==> flow/design.v <==
module cmp_unit_mod #(
  parameter W = 28
) (
  input  wire core_clk,
  input  wire [W-1:0] u,
  input  wire [W-1:0] v,
  output wire gt,
  output wire lt
);
  reg [W-1:0] u_r;
  reg [W-1:0] v_r;
  reg g;
  reg l;
  integer t;
  always @* begin
    g = 1'b0;
    l = 1'b0;
    for (t = W-1; t >= 0; t = t - 1) begin
      if (!g && !l) begin
        g = u_r[t] & ~v_r[t];
        l = ~u_r[t] & v_r[t];
      end
    end
  end
  reg gt_r;
  assign gt = gt_r;
  reg lt_r;
  assign lt = lt_r;
  always @(posedge core_clk) begin
    u_r <= u;
    v_r <= v;
    gt_r <= g;
    lt_r <= l;
  end
endmodule
Tool chain data of cmp_unit_mod
What the tools print for cmp_unit_mod, step after step.
Line numbers count from 1 in the design file above.
Cell names lack the library's common part.
The mark -- stands for no value.
Set-up
  design top: cmp_unit_mod
  clock input: core_clk
  cell library: sky130hd
  library corner: tt_025C_1v80

After elaboration
Yosys after proc, flatten, opt, wreduce and memory -nomap, before mapping. Enables and synchronous resets that opt folds into registers are not counted as muxes. Memory bits, and registers merged into a memory's read port (data or address), are not among the register bits. Print and check cells are not counted. Equal cells are merged and count once.
Cells by class
  bitwise gates (word level): 112
  muxes and demuxes: 54
  reductions and logical operators: 81
Operators by type and width (number)
  1-bit AND: 56
  1-bit NOT: 56
  1-bit zero test: 54
  1-bit 2-to-1 mux: 54
  1-bit logical AND: 27
Storage and ports
  output and inout bits: 2
  input bits: 57
  flip-flop bits (word level): 58

Longest topological paths
Depth = most cells in a row (Yosys ltp): at word level without a register or memory, in the mapped netlist without a sequential cell, where the memories' decode and read muxes count.
Depth
  depth after elaboration: 83
  ABC_AREA: 0
  mapped depth: 8
  depth with buffers taken out: 8

Netlist
Yosys stat after the flow's synthesis: flattened, memories mapped to cells. It holds for the ABC_AREA given above (unset counts as 0); a run with the other value may have another netlist.
Synthesis totals
  mapped area: 2006.9 µm²
  buffers: 0
  flip-flops: 58
  mapped cells: 193
  area of sequential cells: 1161.1 µm²
Cell types
  dfxtp_1: number 58, total area 1.16E+03 µm²
  maj3_1: number 10, total area 100.096 µm²
  nand2b_1: number 14, total area 87.584 µm²
  nor2b_1: number 13, total area 81.328 µm²
  inv_1: number 21, total area 78.826 µm²
  a21oi_1: number 14, total area 70.067 µm²
  maj3_2: number 5, total area 56.304 µm²
  o21ai_0: number 11, total area 55.053 µm²
  nand2_1: number 9, total area 33.782 µm²
  a31oi_1: number 4, total area 25.024 µm²
  ha_1: number 2, total area 25.024 µm²
  o21bai_1: number 3, total area 22.522 µm²
  nor2_1: number 5, total area 18.768 µm²
  o2111ai_1: number 2, total area 17.517 µm²
  o211ai_1: number 2, total area 15.014 µm²
  o31ai_1: number 2, total area 15.014 µm²
  a211oi_2: number 1, total area 12.512 µm²
  nand3_1: number 2, total area 10.01 µm²
Other cell types: 15; their cells: 15.

Path before layout
OpenSTA on the mapped netlist: ideal clock, no wires. The path of least setup slack (recovery checks aside). Input and output delay are each 20% of the period. Register names are those of the netlist, which keeps one name where synthesis merged equal registers.
Timing path after synthesis
  path type: register -> register
  start: register v_r[10]
  end: register lt_r
  period: 2.56 ns
  setup time: 0.120 ns
  setup slack: 0.516 ns
  driving pins on the path: 8
  path delay: 2.045 ns
  data arrival time: 1.925 ns
  period reached after synthesis: 2.044 ns
"path delay" is the arrival time less input delay plus setup time.
"driving pins on the path": output pins that drive a net of the path, with the launching flip-flop's if there is one; two outputs of one cell count as two.
"period reached after synthesis" = period - worst setup slack (recovery checks aside). The figure is calculated, with input and output delays left at 20% of the set period.
The rows between start and end are the longest chain of elaborated cells between them; the timing report does not say that the signal goes this way. Where chains are equally long, one stands for them.
Each line given opens the expression or statement behind the cell; cells for indexed reads and writes are added by Yosys, which also makes memories of some case tables.
On the way, after synthesis
  cell sequence: dfxtp_1 -> nand2b_1 -> maj3_2 -> maj3_2 -> maj3_2 -> a211oi_2 -> o21ai_1 -> a211o_1
  cells in the longest elaborated chain: 33
  elaborated cells on any way between the ends: 54
RTL lines, path after synthesis
  from (decl): RTL line 11  | reg [W-1:0] v_r;
  from (assign): RTL line 31  | v_r <= v;
  1-bit NOT: RTL line 20  | g = u_r[t] & ~v_r[t];
  1-bit AND: RTL line 20
  1-bit 2-to-1 mux: RTL line 19  | if (!g && !l) begin
  1-bit zero test: RTL line 19
  1-bit logical AND: RTL line 19
  1-bit 2-to-1 mux: RTL line 19
  1-bit zero test: RTL line 19
  [... 19 more ...]
  1-bit 2-to-1 mux: RTL line 19
  1-bit zero test: RTL line 19
  1-bit logical AND: RTL line 19
  1-bit 2-to-1 mux: RTL line 19
  1-bit zero test: RTL line 19
  1-bit logical AND: RTL line 19
  1-bit 2-to-1 mux: RTL line 19
  to (assign): RTL line 33  | lt_r <= l;
  to (decl): RTL line 27  | reg lt_r;

Timing after layout
From the final timing report of flow run A: the path of least setup slack in the routed layout; clock arrival at registers is part of the times.
Timing path post-layout
  path type: register -> register
  start: register v_r[6]
  end: register lt_r
  driving pins on the path: 8
  setup slack: -0.47 ns
  setup time: 0.11 ns
  data arrival time: 2.30 ns
  period: 1.62 ns
The rows between start and end are the longest chain of elaborated cells between them; the timing report does not say that the signal goes this way. Where chains are equally long, one stands for them.
On the way, post-layout
  cell sequence: dfxtp_1 -> nor2b_1 -> maj3_2 -> maj3_2 -> maj3_2 -> a211oi_4 -> o21ai_2 -> a211o_1
  cells in the longest elaborated chain: 21
  elaborated cells on any way between the ends: 34
RTL lines, path post-layout
  from (decl): RTL line 11  | reg [W-1:0] v_r;
  from (assign): RTL line 31  | v_r <= v;
  1-bit NOT: RTL line 20  | g = u_r[t] & ~v_r[t];
  1-bit AND: RTL line 20
  1-bit 2-to-1 mux: RTL line 19  | if (!g && !l) begin
  1-bit zero test: RTL line 19
  1-bit logical AND: RTL line 19
  1-bit 2-to-1 mux: RTL line 19
  1-bit zero test: RTL line 19
  [... 7 more ...]
  1-bit 2-to-1 mux: RTL line 19
  1-bit zero test: RTL line 19
  1-bit logical AND: RTL line 19
  1-bit 2-to-1 mux: RTL line 19
  1-bit zero test: RTL line 19
  1-bit logical AND: RTL line 19
  1-bit 2-to-1 mux: RTL line 19
  to (assign): RTL line 33  | lt_r <= l;
  to (decl): RTL line 27  | reg lt_r;

Record of 3 stored runs of the RTL-to-layout flow on cmp_unit_mod, platform sky130hd. The runs are unordered. Constraints: input delay and output delay 20% of the set period each, output load 0.01 pF.
"period reached" = clock period - worst setup slack. The figure is calculated, with input and output delays left at 20% of the set period.
By "allowed time less slack (worst setup path)" is meant the share of the clock period that the worst setup path is allowed (20% is reserved at inputs, 20% at outputs), minus its slack. Clock arrival times at its registers enter into it.
"power consumption" is the tool's figure for a default switching activity; nothing was simulated.

==> flow run A: settings <==
{ "period_ns": 1.62, "CORE_UTILIZATION": 23, "PLACE_DENSITY_LB_ADDON": 0.29, "CORE_ASPECT_RATIO": 1.22, "CELL_PAD_IN_SITES_DETAIL_PLACEMENT": 2, "GPL_TIMING_DRIVEN": 0, "CTS_CLUSTER_DIAMETER": 120, "CAP_MARGIN": 5, "MIN_ROUTING_LAYER": "met1", "MAX_ROUTING_LAYER": "met4", "CORE_MARGIN": 2, "SLEW_MARGIN": 20 }
==> flow run A: results <==
mapped cell area after synthesis: 2006.9 µm²
total negative slack on setup checks: -0.883 ns
utilization of the finished layout: 34.8%
overall die area: 9492.5 µm²
power consumption: 3282 uW
lowest setup slack: -0.475 ns
allowed time less slack (worst setup path): 2.09 ns
class of the worst setup path: register -> register
worst hold slack in the final report: 0.438 ns
period reached: 2.095 ns
standard-cell area of the final layout: 2945.3 µm²

==> flow run B: settings <==
{ "period_ns": 1.74, "CORE_UTILIZATION": 42, "PLACE_DENSITY_LB_ADDON": 0.28, "CORE_ASPECT_RATIO": 1.56, "CELL_PAD_IN_SITES_GLOBAL_PLACEMENT": 1, "ABC_AREA": 1, "GPL_ROUTABILITY_DRIVEN": 0, "CTS_CLUSTER_SIZE": 86, "CAP_MARGIN": 30, "MIN_ROUTING_LAYER": "met1", "CORE_MARGIN": 2, "SLEW_MARGIN": 20 }
==> flow run B: results <==
mapped cell area after synthesis: 2270.9 µm²
total negative slack on setup checks: -4.160 ns
utilization of the finished layout: 68.7%
overall die area: 6025.5 µm²
power consumption: 3498 uW
lowest setup slack: -2.089 ns
allowed time less slack (worst setup path): 3.83 ns
class of the worst setup path: register -> register
worst hold slack in the final report: 0.443 ns
period reached: 3.829 ns
standard-cell area of the final layout: 3602.2 µm²

==> flow run C: settings <==
{ "period_ns": 2.56, "CAP_MARGIN": 20, "CORE_MARGIN": 2, "CORE_UTILIZATION": 40, "SLEW_MARGIN": 20 }
==> flow run C: results <==
mapped cell area after synthesis: 2006.9 µm²
total negative slack on setup checks: 0.000 ns
utilization of the finished layout: 60.1%
overall die area: 5599.5 µm²
power consumption: 2052 uW
lowest setup slack: 0.434 ns
allowed time less slack (worst setup path): 2.13 ns
class of the worst setup path: register -> register
worst hold slack in the final report: 0.618 ns
period reached: 2.126 ns
standard-cell area of the final layout: 2875.3 µm²
